==> flow/design.v <==
module my_add_p #(
    parameter DW = 18,
    parameter INPUTS = 3,
    parameter SUM_W = DW + $clog2(INPUTS)
) (
    input logic core_clk,
    input logic rst_n,
    input logic ce,
    input logic [INPUTS*DW-1:0] bus,
    output logic [SUM_W-1:0] sum
);
    logic [SUM_W-1:0] work;
    always_comb begin
        work = '0;
        for (int idx = 0; idx < INPUTS; idx++)
            work = work + bus[idx*DW +: DW];
    end
    logic [SUM_W-1:0] sum_r;
    always_ff @(posedge core_clk or negedge rst_n) begin
        if (!rst_n) begin
            sum_r <= '0;
        end else if (ce) begin
            sum_r <= work;
        end
    end
    assign sum = sum_r;
endmodule
## Reports on my_add_p

Tool output for the design above, in the order of the flow.
Line numbers count from 1 in the design file above.
Library cell names are shortened.
Not given: --

- Top: my_add_p
- Clock port: core_clk
- Standard-cell library: sky130hd
- Corner: tt_025C_1v80

## Word-level counts

Counts by Yosys on the flattened word-level netlist (proc, flatten, opt, wreduce; memories kept). Register bits leave out memories and registers merged into their read ports (data or address); mux counts leave out enables and synchronous resets folded into registers. Print and check cells are left out. Cells with the same type and inputs are merged into one.

- Add/subtract/negate cells: 2

Operator list:

| kind | number |
|---|---|
| adder 19 x 18 -> 20 bit | 1 |
| adder 18 x 18 -> 19 bit | 1 |

- Bits of input ports: 57
- Register bits after elaboration: 20
- Elaborated cells: 3

## Depth

Yosys ltp: most cells in a row. Word level: on the elaborated netlist, between registers, memories and ports. Mapped: between sequential cells and ports; inverters and the memories' decode and read muxes count.

- Word-level depth: 2
- ABC_AREA: 0
- Gate-level depth with buffers: 11

## Mapped cells and area

Yosys stat after the flow's synthesis: flattened, memories mapped to cells. It holds for the ABC_AREA given above (unset counts as 0); a run with the other value may have another netlist.
Totals and module areas in this step are rounded.

Cells by type:

| cell type | number |
|---|---|
| dfrtp_1 | 20 |
| fa_1 | 19 |
| ha_1 | 17 |
| nand2_1 | 21 |
| a21o_1 | 10 |
| mux2_2 | 6 |
| a21oi_1 | 12 |
| inv_1 | 16 |
| o21a_1 | 7 |
| clkbuf_1 | 12 |
| o21ai_0 | 9 |
| o221ai_1 | 5 |
| o2111ai_1 | 4 |
| nor2_1 | 9 |
| a211o_1 | 3 |
| xnor2_1 | 3 |
| a31oi_1 | 4 |
| a211oi_1 | 3 |

Other cell types: 29; their cells: 49.

- Cell count: 229
- Chip area (Yosys): 0.00216 mm2
- Flip-flops: 20
- Sequential part of the area: 0.0005 mm2
- Buffers: 12

## Worst setup path after synthesis

Source: OpenSTA report_checks on the synthesized netlist (no wires, ideal clock, input and output delay 20% of the period each), path of least setup slack; recovery checks are left aside. Register names are those of the netlist, which keeps one name where synthesis merged equal registers.

- Path type: input to register
- From: in bus[8]
- To: reg sum_r[15]
- Clock period: 3.56 ns
- Stages: 7
- Path buffers: 0
- Data required time: 3.491 ns
- Delay of the path: 2.278 ns
- Setup slack: 0.570 ns
- Arrival: 2.921 ns
- Synthesis period reached: 2.99 ns

"delay of the path" = arrival - input delay + setup time.
"stages": output pins that drive a net of the path, with the launching flip-flop's if there is one; two outputs of one cell count as two.
"synthesis period reached" is the clock period less the worst setup slack; recovery checks do not enter. This is arithmetic on one report: input and output delays are still those of the set period (20% each).
The rows between start and end are the longest chain of elaborated cells between them; the timing report does not say that the signal goes this way. Where chains are equally long, one stands for them.
A line is the first line of the expression or statement that the cell stems from. Yosys adds cells for indexed reads and writes and turns some case tables into memories.

- Cell sequence: fa_1 > ha_1 > a21o_1 > or3_4 > o211a_4 > or4b_1 > nand3_1
- Length of the longest elaborated chain: 2
- Elaborated cells on any way between the ends: 2
- Those cells by class: 2 x add/sub

RTL lines, path post-synthesis:

| item | RTL line | source |
|---|---|---|
| from (decl) | 9 | `input logic [INPUTS*DW-1:0] bus,` |
| adder 18 x 18 -> 19 bit | 16 | `work = work + bus[idx*DW +: DW];` |
| adder 19 x 18 -> 20 bit | 16 |  |
| to (assign) | 21 | `sum_r <= '0;` |
| to (assign) | 23 | `sum_r <= work;` |
| to (decl) | 18 | `logic [SUM_W-1:0] sum_r;` |

## Timing after layout

Path of least setup slack in the final report of job 2 (OpenROAD, finished layout, wires in). Where an end is a register, its clock arrival counts in the times.

- Path type: input to register
- From: in bus[8]
- To: reg sum_r[19]
- Setup slack: 0.23 ns
- Clock period: 3.56 ns
- Stages: 9
- Arrival: 3.47 ns
- Data required time: 3.70 ns
- Path buffers: 2

The rows between start and end are the longest chain of elaborated cells between them; the timing report does not say that the signal goes this way. Where chains are equally long, one stands for them.

- Cell sequence: clkdlybuf4s50_1 > fa_1 > ha_1 > a21o_1 > or3_4 > o211a_4 > o311ai_0 > buf_4 > a31oi_1
- Length of the longest elaborated chain: 2
- Elaborated cells on any way between the ends: 2
- Those cells by class: 2 x add/sub

RTL lines, path post-layout:

| item | RTL line | source |
|---|---|---|
| from (decl) | 9 | `input logic [INPUTS*DW-1:0] bus,` |
| adder 18 x 18 -> 19 bit | 16 | `work = work + bus[idx*DW +: DW];` |
| adder 19 x 18 -> 20 bit | 16 |  |
| to (assign) | 21 | `sum_r <= '0;` |
| to (assign) | 23 | `sum_r <= work;` |
| to (decl) | 18 | `logic [SUM_W-1:0] sum_r;` |

Add stored flow runs of my_add_p

Measured results for my_add_p: 3 stored runs of the Yosys and OpenROAD flow on sky130hd. The settings differ; the order carries no meaning. The constraints put input and output delay at 20% of the set period each and load the outputs with 0.01 pF.
"achieved period" means the clock period less the worst setup slack. The figure is calculated, with input and output delays left at 20% of the set period.
"critical path time" means the part of the period allowed to the worst setup path (the constraints hold back 20% at inputs and 20% at outputs) less its slack; where the path has registers, the arrival times of their clocks count too.
"total power after layout": no workload was simulated; the value follows from the tool's default switching activity.
Measured values are rounded.

### Job 1

==> flow/run.sh <==
#!/bin/bash
# the make line also repeats the synthesis and layout settings of config.mk as NAME=value (left out here)
make -C /OpenROAD-flow-scripts/flow DESIGN_CONFIG=/design/flow/config.mk WORK_HOME=/design/flow/orfs CLKGATE_MAP_FILE= finish
==> flow/config.mk <==
export PLATFORM = sky130hd
export DESIGN_NAME = my_add_p
export DESIGN_NICKNAME = my_add_p
export VERILOG_FILES = /design/flow/design.v
export SDC_FILE = /design/flow/constraint.sdc
export NUM_CORES = 4
export LEC_CHECK = 0
export CAP_MARGIN = 20
export CELL_PAD_IN_SITES_DETAIL_PLACEMENT = 0
export CELL_PAD_IN_SITES_GLOBAL_PLACEMENT = 3
export CORE_MARGIN = 10
export CORE_UTILIZATION = 58
export CTS_CLUSTER_DIAMETER = 26
export CTS_CLUSTER_SIZE = 25
export MAX_ROUTING_LAYER = met4
export MIN_ROUTING_LAYER = met1
export PLACE_DENSITY = 0.42
export SETUP_SLACK_MARGIN = 0.59
export SLEW_MARGIN = 30
==> flow/constraint.sdc <==
create_clock -name core_clock -period 3.43 [get_ports {core_clk}]
set_input_delay 0.6860 -clock core_clock [delete_from_list [all_inputs] [get_ports {core_clk}]]
set_output_delay 0.6860 -clock core_clock [all_outputs]
set_load 0.01 [all_outputs]

Outcome of job 1: no final report: placement broke off with GPL-0301

### Job 2

==> flow/run.sh <==
#!/bin/bash
# the make line also repeats the synthesis and layout settings of config.mk as NAME=value (left out here)
make -C /OpenROAD-flow-scripts/flow DESIGN_CONFIG=/design/flow/config.mk WORK_HOME=/design/flow/orfs CLKGATE_MAP_FILE= finish
==> flow/config.mk <==
export PLATFORM = sky130hd
export DESIGN_NAME = my_add_p
export DESIGN_NICKNAME = my_add_p
export VERILOG_FILES = /design/flow/design.v
export SDC_FILE = /design/flow/constraint.sdc
export NUM_CORES = 4
export LEC_CHECK = 0
export CAP_MARGIN = 20
export CORE_MARGIN = 2
export CORE_UTILIZATION = 40
export SLEW_MARGIN = 20
==> flow/constraint.sdc <==
create_clock -name core_clock -period 3.56 [get_ports {core_clk}]
set_input_delay 0.7120 -clock core_clock [delete_from_list [all_inputs] [get_ports {core_clk}]]
set_output_delay 0.7120 -clock core_clock [all_outputs]
set_load 0.01 [all_outputs]

Results of job 2:
- Achieved period: 3.326 ns
- Setup slack of the critical path: 0.234 ns
- Post-layout utilization: 61.3%
- Total negative slack on setup checks: 0.000 ns
- Total power after layout: 1.45 mW
- Die size: 0.006 mm2
- Standard-cell area after layout: 0.00317 mm2
- Yosys chip area after synthesis: 0.00216 mm2
- Critical path time: 2.61 ns
- Worst setup path kind: input to register

### Job 3

==> flow/run.sh <==
#!/bin/bash
# the make line also repeats the synthesis and layout settings of config.mk as NAME=value (left out here)
make -C /OpenROAD-flow-scripts/flow DESIGN_CONFIG=/design/flow/config.mk WORK_HOME=/design/flow/orfs CLKGATE_MAP_FILE= finish
==> flow/config.mk <==
export PLATFORM = sky130hd
export DESIGN_NAME = my_add_p
export DESIGN_NICKNAME = my_add_p
export VERILOG_FILES = /design/flow/design.v
export SDC_FILE = /design/flow/constraint.sdc
export NUM_CORES = 4
export LEC_CHECK = 0
export CAP_MARGIN = 20
export CELL_PAD_IN_SITES_GLOBAL_PLACEMENT = 1
export CORE_ASPECT_RATIO = 0.65
export CORE_MARGIN = 2
export CORE_UTILIZATION = 55
export CTS_CLUSTER_SIZE = 94
export GPL_ROUTABILITY_DRIVEN = 1
export PLACE_DENSITY_LB_ADDON = 0.01
export SETUP_SLACK_MARGIN = 0.24
export SLEW_MARGIN = 20
==> flow/constraint.sdc <==
create_clock -name core_clock -period 3.17 [get_ports {core_clk}]
set_input_delay 0.6340 -clock core_clock [delete_from_list [all_inputs] [get_ports {core_clk}]]
set_output_delay 0.6340 -clock core_clock [all_outputs]
set_load 0.01 [all_outputs]

Outcome of job 3: no final report: placement broke off with FLW-0024
